==> flow/design.v <==
module core_selector_top (i_clk, reset, src_0_in, src_1_in, src_2_in, src_3_in, src_4_in, src_5_in, idx_in, result_out);
  parameter integer NBITS = 10;
  input i_clk;
  input reset;
  input [NBITS-1:0] src_0_in;
  input [NBITS-1:0] src_1_in;
  input [NBITS-1:0] src_2_in;
  input [NBITS-1:0] src_3_in;
  input [NBITS-1:0] src_4_in;
  input [NBITS-1:0] src_5_in;
  input [4:0] idx_in;
  output [NBITS-1:0] result_out;
  reg [NBITS-1:0] r_src_0;
  reg [NBITS-1:0] r_src_1;
  reg [NBITS-1:0] r_src_2;
  reg [NBITS-1:0] r_src_3;
  reg [NBITS-1:0] r_src_4;
  reg [NBITS-1:0] r_src_5;
  reg [4:0] r_idx;
  reg [NBITS-1:0] work;
  always @* begin
    casez (r_idx)
      5'b????1: work = r_src_0;
      5'b???10: work = r_src_1;
      5'b??100: work = r_src_2;
      5'b?1000: work = r_src_3;
      5'b10000: work = r_src_4;
      default: work = r_src_5;
    endcase
  end
  assign result_out = work;
  always @(posedge i_clk or posedge reset) begin
    if (reset) begin
      r_src_0 <= 0;
      r_src_1 <= 0;
      r_src_2 <= 0;
      r_src_3 <= 0;
      r_src_4 <= 0;
      r_src_5 <= 0;
      r_idx <= 0;
    end else begin
      r_src_0 <= src_0_in;
      r_src_1 <= src_1_in;
      r_src_2 <= src_2_in;
      r_src_3 <= src_3_in;
      r_src_4 <= src_4_in;
      r_src_5 <= src_5_in;
      r_idx <= idx_in;
    end
  end
endmodule
### Reports on core_selector_top

Tool output for the design above, in the order of the flow.
Lines are those of the file above, counted from 1.
Not given: n/a

| set-up | value |
|---|---|
| top | core_selector_top |
| clock | i_clk |
| library | sky130hd |
| timing corner | tt_025C_1v80 |

### Word level

Yosys after proc, flatten, opt, wreduce and memory -nomap, before mapping. Enables and synchronous resets that opt folds into registers are not counted as muxes. Memory bits, and registers merged into a memory's read port (data or address), are not among the register bits. Print and check cells are not counted. Equal cells are merged and count once.

| operators by class | value |
|---|---|
| equality and inequality tests | 4 |
| mux-type cells | 1 |

Operator list:

| kind | count |
|---|---|
| 10-bit case mux with 5-bit select | 1 |
| 5-bit == test with constant B | 1 |
| 4-bit == test with constant B | 1 |
| 3-bit == test with constant B | 1 |
| 2-bit == test with constant B | 1 |

| bit counts | value |
|---|---|
| flip-flop bits (word level) | 65 |
| input bits | 67 |
| cells after elaboration | 12 |

### Longest topological paths

Longest topological path by Yosys (ltp), each cell counted once; first at word level (registers and memories cut), then after technology mapping (sequential cells cut; the memories' decode and read muxes count).

| depth | value |
|---|---|
| depth after elaboration | 2 |
| ABC_AREA | 0 |
| depth in mapped cells | 4 |
| depth with buffers taken out | 3 |

### After synthesis

Yosys stat after the flow's synthesis: flattened, memories mapped to cells. It holds for the ABC_AREA given above (unset counts as 0); a run with the other value may have another netlist.

| synthesis totals | value |
|---|---|
| cells in the netlist | 147 |
| mapped area | 2247.2 um^2 |
| area of sequential cells | 1626.6 um^2 |
| flip-flop cells | 65 |

Cells by type:

| type | count |
|---|---|
| sky130_fd_sc_hd__dfrtp_1 | 65 |
| sky130_fd_sc_hd__a2bb2oi_2 | 10 |
| sky130_fd_sc_hd__a22o_1 | 10 |
| sky130_fd_sc_hd__a22oi_1 | 10 |
| sky130_fd_sc_hd__nand3b_1 | 10 |
| sky130_fd_sc_hd__nand2b_1 | 11 |
| sky130_fd_sc_hd__a21oi_1 | 10 |
| sky130_fd_sc_hd__inv_1 | 11 |
| sky130_fd_sc_hd__buf_2 | 5 |
| sky130_fd_sc_hd__nor4b_4 | 1 |
| sky130_fd_sc_hd__nor4_2 | 1 |
| sky130_fd_sc_hd__clkbuf_1 | 3 |

### Path before layout

OpenSTA on the mapped netlist: ideal clock, no wires. The path of least setup slack (recovery checks aside). Input and output delay are each 20% of the period. Register names are those of the netlist, which keeps one name where synthesis merged equal registers.

| timing path after synthesis | value |
|---|---|
| path type | register -> output |
| from | register r_idx[1] |
| to | output port result_out[0] |
| clock period | 1940 ps |
| arrival | 1242 ps |
| required time | 1552 ps |
| setup slack | 310 ps |
| delay of the path | 1242 ps |
| driving pins on the path | 4 |
| path buffers | 0 |
| synthesis period reached | 1630 ps |

"delay of the path" = arrival - input delay + setup time.
At an output port there is no setup time.
"driving pins on the path": output pins that drive a net of the path, with the launching flip-flop's if there is one; two outputs of one cell count as two.
"synthesis period reached" is the clock period less the worst setup slack; recovery checks do not enter. This is arithmetic on one report: input and output delays are still those of the set period (20% each).
The rows between start and end are the longest chain of elaborated cells between them; the timing report does not say that the signal goes this way. Where chains are equally long, one stands for them.
Each line given opens the expression or statement behind the cell; cells for indexed reads and writes are added by Yosys, which also makes memories of some case tables.

| between the ends, after synthesis | value |
|---|---|
| path through | sky130_fd_sc_hd__dfrtp_1 sky130_fd_sc_hd__nor4b_4 sky130_fd_sc_hd__a22oi_1 sky130_fd_sc_hd__a2bb2oi_2 |
| length of the longest elaborated chain | 2 |

RTL lines, path after synthesis:

| item | line | RTL |
|---|---|---|
| start: declaration | 19 | `reg [4:0] r_idx;` |
| start: assignment | 40 | `r_idx <= 0;` |
| start: assignment | 48 | `r_idx <= idx_in;` |
| 5-bit == test | 22 | `casez (r_idx)` |
| 10-bit case mux with 5-bit select | 22 |  |
| end: declaration | 12 | `output [NBITS-1:0] result_out;` |

### Worst path after layout

Path of least setup slack in the final report of run A (OpenROAD, finished layout, wires in). Where an end is a register, its clock arrival counts in the times.
The path's times are printed in steps of 10 ps; the period is the one set.

| timing path after layout | value |
|---|---|
| path type | register -> output |
| from | register r_idx[1] |
| to | output port result_out[7] |
| clock period | 2100 ps |
| arrival | 1720 ps |
| required time | 1680 ps |
| setup slack | -40 ps |
| driving pins on the path | 7 |
| path buffers | 3 |

The rows between start and end are the longest chain of elaborated cells between them; the timing report does not say that the signal goes this way. Where chains are equally long, one stands for them.

| between the ends, after layout | value |
|---|---|
| path through | sky130_fd_sc_hd__dfrtp_2 sky130_fd_sc_hd__nor4_4 sky130_fd_sc_hd__buf_4 sky130_fd_sc_hd__nand2b_4 sky130_fd_sc_hd__buf_6 sky130_fd_sc_hd__a2bb2oi_2 sky130_fd_sc_hd__buf_2 |
| length of the longest elaborated chain | 2 |

RTL lines, path after layout:

| item | line | RTL |
|---|---|---|
| start: declaration | 19 | `reg [4:0] r_idx;` |
| start: assignment | 40 | `r_idx <= 0;` |
| start: assignment | 48 | `r_idx <= idx_in;` |
| 5-bit == test | 22 | `casez (r_idx)` |
| 10-bit case mux with 5-bit select | 22 |  |
| end: declaration | 12 | `output [NBITS-1:0] result_out;` |

# Flow runs of core_selector_top

Record of 3 stored runs of the RTL-to-layout flow on core_selector_top, platform sky130hd. The runs are unordered. Constraints: input delay and output delay 20% of the set period each, output load 0.01 pF.
"achieved period" means the clock period less the worst setup slack. The figure is calculated, with input and output delays left at 20% of the set period.

#### Run A

| setting | value |
|---|---|
| period_ns | `2.1` |
| CORE_UTILIZATION | `25` |
| PLACE_DENSITY_LB_ADDON | `0.15` |
| CORE_MARGIN | `10` |
| CELL_PAD_IN_SITES_DETAIL_PLACEMENT | `0` |
| TNS_END_PERCENT | `10` |
| CTS_CLUSTER_SIZE | `66` |
| SLEW_MARGIN | `0` |
| MIN_ROUTING_LAYER | `met2` |
| MAX_ROUTING_LAYER | `met4` |
| CAP_MARGIN | `20` |

| result | value |
|---|---|
| achieved period | 2143 ps |
| setup total negative slack | -320 ps |
| standard-cell area after routing | 3433.3 um^2 |
| cell area after synthesis | 2247.2 um^2 |
| die outline area | 13181.3 um^2 |
| setup slack of the worst path | -43 ps |

#### Run B

| setting | value |
|---|---|
| period_ns | `2.09` |
| CORE_UTILIZATION | `42` |
| CORE_ASPECT_RATIO | `0.52` |
| CORE_MARGIN | `4` |
| TNS_END_PERCENT | `75` |
| CAP_MARGIN | `15` |
| SLEW_MARGIN | `20` |

| result | value |
|---|---|
| achieved period | 2142 ps |
| setup total negative slack | -350 ps |
| standard-cell area after routing | 3343.2 um^2 |
| cell area after synthesis | 2247.2 um^2 |
| die outline area | 6647.6 um^2 |
| setup slack of the worst path | -52 ps |

#### Run C

| setting | value |
|---|---|
| period_ns | `1.94` |
| CAP_MARGIN | `20` |
| CORE_MARGIN | `2` |
| CORE_UTILIZATION | `40` |
| SLEW_MARGIN | `20` |

| result | value |
|---|---|
| achieved period | 2218 ps |
| setup total negative slack | -2387 ps |
| standard-cell area after routing | 3552.2 um^2 |
| cell area after synthesis | 2247.2 um^2 |
| die outline area | 6233.1 um^2 |
| setup slack of the worst path | -278 ps |
